==> flow/design.v <==
module diff_unit_v2 #(
    parameter integer BITS = 5
) (
    input logic clk,
    input logic [BITS-1:0] in0_in,
    input logic [BITS-1:0] in1_in,
    output logic [BITS-1:0] res_out
);
    always_ff @(posedge clk)
        res_out <= (in0_in > in1_in) ? in0_in - in1_in : in1_in - in0_in;
endmodule
# ---- Tool chain data of diff_unit_v2
# Tool output for the members of one design family, told apart by "BITS", in the order of the flow.
# The file above is the member BITS = 5. Line numbers count from 1 in each member's own file.
# Operators carry their Yosys type and port widths (W data, S select, Z words).
# Cell names lack the library's common part.
# The mark -- stands for no value.
dict set report inputs {
  top_module {diff_unit_v2}
  clock_port {clk}
  library {sky130hd}
  corner {tt_025C_1v80}
}

# ---- Members of the sweep
# New or changed lines of each further member against the RTL above, in its own file; lines it lacks are not shown.
# BITS line
set src_changes {}
lappend src_changes {48 2} ;# parameter integer BITS = 48
lappend src_changes {72 2} ;# parameter integer BITS = 72
lappend src_changes {80 2} ;# parameter integer BITS = 80

# ---- Elaborated design
# Counts by Yosys on the flattened word-level netlist (proc, flatten, opt, wreduce; memories kept). Register bits leave out memories and registers merged into their read ports (data or address); mux counts leave out enables and synchronous resets folded into registers. Print and check cells are left out. Cells with the same type and inputs are merged into one.
# BITS out_inout_bits wordCells reg_bits
set bits {}
lappend bits {5 5 5 5}
lappend bits {48 48 5 48}
lappend bits {72 72 5 72}
lappend bits {80 80 5 80}
# BITS addsub cmp muxes
set classes {}
lappend classes {5 2 1 1}
lappend classes {48 2 1 1}
lappend classes {72 2 1 1}
lappend classes {80 2 1 1}
# BITS op_list
set ops {}
lappend ops {5 {$sub A5 B5 Y5 (2); $gt A5 B5 Y1 (1); $mux W5 (1)}}
lappend ops {48 {$sub A48 B48 Y48 (2); $gt A48 B48 Y1 (1); $mux W48 (1)}}
lappend ops {72 {$sub A72 B72 Y72 (2); $gt A72 B72 Y1 (1); $mux W72 (1)}}
lappend ops {80 {$sub A80 B80 Y80 (2); $gt A80 B80 Y1 (1); $mux W80 (1)}}

# ---- Longest topological paths
# Depth = most cells in a row (Yosys ltp): at word level without a register or memory, in the mapped netlist without a sequential cell, where the memories' decode and read muxes count.
# BITS ltp_word ABC_AREA depth_mapped mapped_depth_nobuf
set depth {}
lappend depth {5 2 0 8 8}
lappend depth {48 2 0 14 13}
lappend depth {72 2 0 16 12}
lappend depth {80 2 0 15 13}

# ---- Netlist
# Source: synth_stat.txt of the flow (Yosys; design flattened, memories mapped). It holds for the ABC_AREA given above (unset counts as 0); a run with the other value may have another netlist.
# BITS ff_cells buf_cells cell_count seq_area_um2 yosys_area_um2
set mapped {}
lappend mapped {5 5 2 66 100.1 579.3}
lappend mapped {48 48 46 951 960.9 6846.6}
lappend mapped {72 72 86 1606 1441.4 11157.0}
lappend mapped {80 80 91 1776 1601.5 12291.8}
# BITS type_list
set types {}
lappend types {5 {ha_1 (9); dfxtp_1 (5); inv_1 (13); fa_1 (2); mux2i_1 (3); a21oi_1 (4); nand3b_4 (1); o21ai_0 (4); a21oi_2 (2); a21oi_4 (1); a21o_1 (2); a31oi_1 (2); o22ai_2 (1); buf_6 (1); nand2_1 (3); a311o_1 (1); a21o_2 (1); xnor2_1 (1); (+10)}}
lappend types {48 {ha_1 (95); dfxtp_1 (48); a21oi_1 (122); inv_1 (119); a21o_1 (51); o21ai_0 (56); xnor2_1 (32); nor2_1 (70); nand2_1 (68); o21bai_1 (22); buf_2 (28); nand4_1 (18); o21a_1 (14); xor2_1 (12); mux2i_1 (10); o31ai_1 (10); a211oi_1 (8); buf_4 (8); (+160)}}
lappend types {72 {ha_1 (143); dfxtp_1 (72); a21oi_1 (222); inv_1 (172); o21ai_0 (114); nand2_1 (139); nor2_1 (116); xnor2_1 (41); a21o_1 (42); nand4_1 (47); o21bai_1 (33); buf_2 (47); xor2_1 (26); o21ai_1 (38); buf_4 (25); a211oi_1 (22); o211ai_1 (19); and4_1 (14); (+274)}}
lappend types {80 {ha_1 (159); dfxtp_1 (80); a21oi_1 (269); o21ai_0 (149); inv_1 (185); nand2_1 (154); a21o_1 (64); nor2_1 (124); xnor2_1 (50); o21bai_1 (49); nand4_1 (55); xor2_1 (28); mux2i_1 (23); buf_2 (39); a211oi_1 (22); o21a_1 (20); nor3_1 (28); o211ai_1 (17); (+261)}}
# A list marked (+n) leaves out that many cells.

# ---- Path before layout
# Path of least setup slack by OpenSTA after synthesis, without wires, with an ideal clock, recovery checks aside; 20% of the period is set as input and as output delay. Where synthesis merged equal registers, the netlist keeps one of their names.
# BITS path_kind start end stages period_ns setup_slack_ns path_delay_ns synth_period_reached_ns
set synth_path {}
lappend synth_path {5 {input to register} {input in0_in[2]} {register res_out[4]} 8 2.0 0.323 1.278 1.677}
lappend synth_path {48 {input to register} {input in0_in[0]} {register res_out[46]} 13 4.24 0.679 2.713 3.561}
lappend synth_path {72 {input to register} {input in0_in[16]} {register res_out[63]} 11 3.74 0.598 2.394 3.142}
lappend synth_path {80 {input to register} {input in0_in[57]} {register res_out[32]} 14 4.14 0.660 2.652 3.48}
# "path_delay_ns" = arrival - input delay + setup time.
# "stages" counts driving pins, that of a launching flip-flop among them; a cell with two outputs on the path counts twice.
# "synth_period_reached_ns" = period - worst setup slack (recovery checks aside). The figure is calculated, with input and output delays left at 20% of the set period.
# Between the ends stands the longest chain of elaborated cells between them, by number of cells; it is not shown to be the way that was timed. Of several equally long chains one is given.
# Each line given opens the expression or statement behind the cell; cells for indexed reads and writes are added by Yosys, which also makes memories of some case tables.
dict set report synth_between_BITS_5 {
  elab_chain_len 2
}
# item line
set synth_lines_BITS_5 {}
lappend synth_lines_BITS_5 {{from (decl)} 5} ;# input logic [BITS-1:0] in0_in,
lappend synth_lines_BITS_5 {{$sub A5 B5 Y5} 10} ;# res_out <= (in0_in > in1_in) ? in0_in - in1_in : in1_in - in0_in;
lappend synth_lines_BITS_5 {{$mux W5} 10}
lappend synth_lines_BITS_5 {{to (assign)} 10}
lappend synth_lines_BITS_5 {{to (decl)} 7} ;# output logic [BITS-1:0] res_out
dict set report synth_between_BITS_80 {
  elab_chain_len 2
}
# item line
set synth_lines_BITS_80 {}
lappend synth_lines_BITS_80 {{from (decl)} 5} ;# input logic [BITS-1:0] in0_in,
lappend synth_lines_BITS_80 {{$gt A80 B80 Y1} 10} ;# res_out <= (in0_in > in1_in) ? in0_in - in1_in : in1_in - in0_in;
lappend synth_lines_BITS_80 {{$mux W80} 10}
lappend synth_lines_BITS_80 {{to (assign)} 10}
lappend synth_lines_BITS_80 {{to (decl)} 7} ;# output logic [BITS-1:0] res_out

# ---- Worst path after layout
# From the final timing report of each member's run: the path of least setup slack in the routed layout; clock arrival at registers is part of the times.
# BITS path_kind start end n_path_buf stages t_arrival_ns setup_slack_ns period_ns
set layout_path {}
lappend layout_path {5 {input to register} {input in0_in[0]} {register res_out[4]} 1 9 2.07 0.09 2.0}
lappend layout_path {48 {input to register} {input in0_in[2]} {register res_out[43]} 2 14 4.25 0.24 4.24}
lappend layout_path {72 {input to register} {input in0_in[65]} {register res_out[20]} 2 12 3.98 0.00 3.74}
lappend layout_path {80 {input to register} {input in0_in[0]} {register res_out[44]} 3 15 4.34 0.10 4.14}

# ---- Measured runs
# Settings and results of one run of the flow (Yosys, OpenROAD) for each member follow. The constraints put input and output delay at 20% of the set period each and load the outputs with 0.01 pF.
dict set report flow_settings {
  CAP_MARGIN 20
  CORE_MARGIN 2
  CORE_UTILIZATION 40
  SLEW_MARGIN 20
}
# BITS period_ns
set settings_by_member {}
lappend settings_by_member {5 2.0}
lappend settings_by_member {48 4.24}
lappend settings_by_member {72 3.74}
lappend settings_by_member {80 4.14}
# BITS synthArea_um2 setupTns_ns post_route_util_pct total_die_area_um2 totalPower_uw period_reached_ns finalCellArea_um2 final_hold_ws_ns ws_setup_ns
set results {}
lappend results {5 579.3 0.000 69.8 1768.6 511.6 1.905 930.9 0.614 0.095}
lappend results {48 6846.6 0.000 55.9 18179.1 2639 4.000 9300.2 1.310 0.240}
lappend results {72 11157.0 0.000 68.7 29244.4 5605 3.737 18968.2 0.771 0.003}
lappend results {80 12291.8 0.000 61.6 32148.5 5200 4.035 18759.2 1.196 0.105}
# "period_reached_ns": clock period set for the run, less the worst setup slack. It is reckoned from that one timing run; input and output delays stay at 20% of the period that was set.
# "totalPower_uw": no workload was simulated; the value follows from the tool's default switching activity.
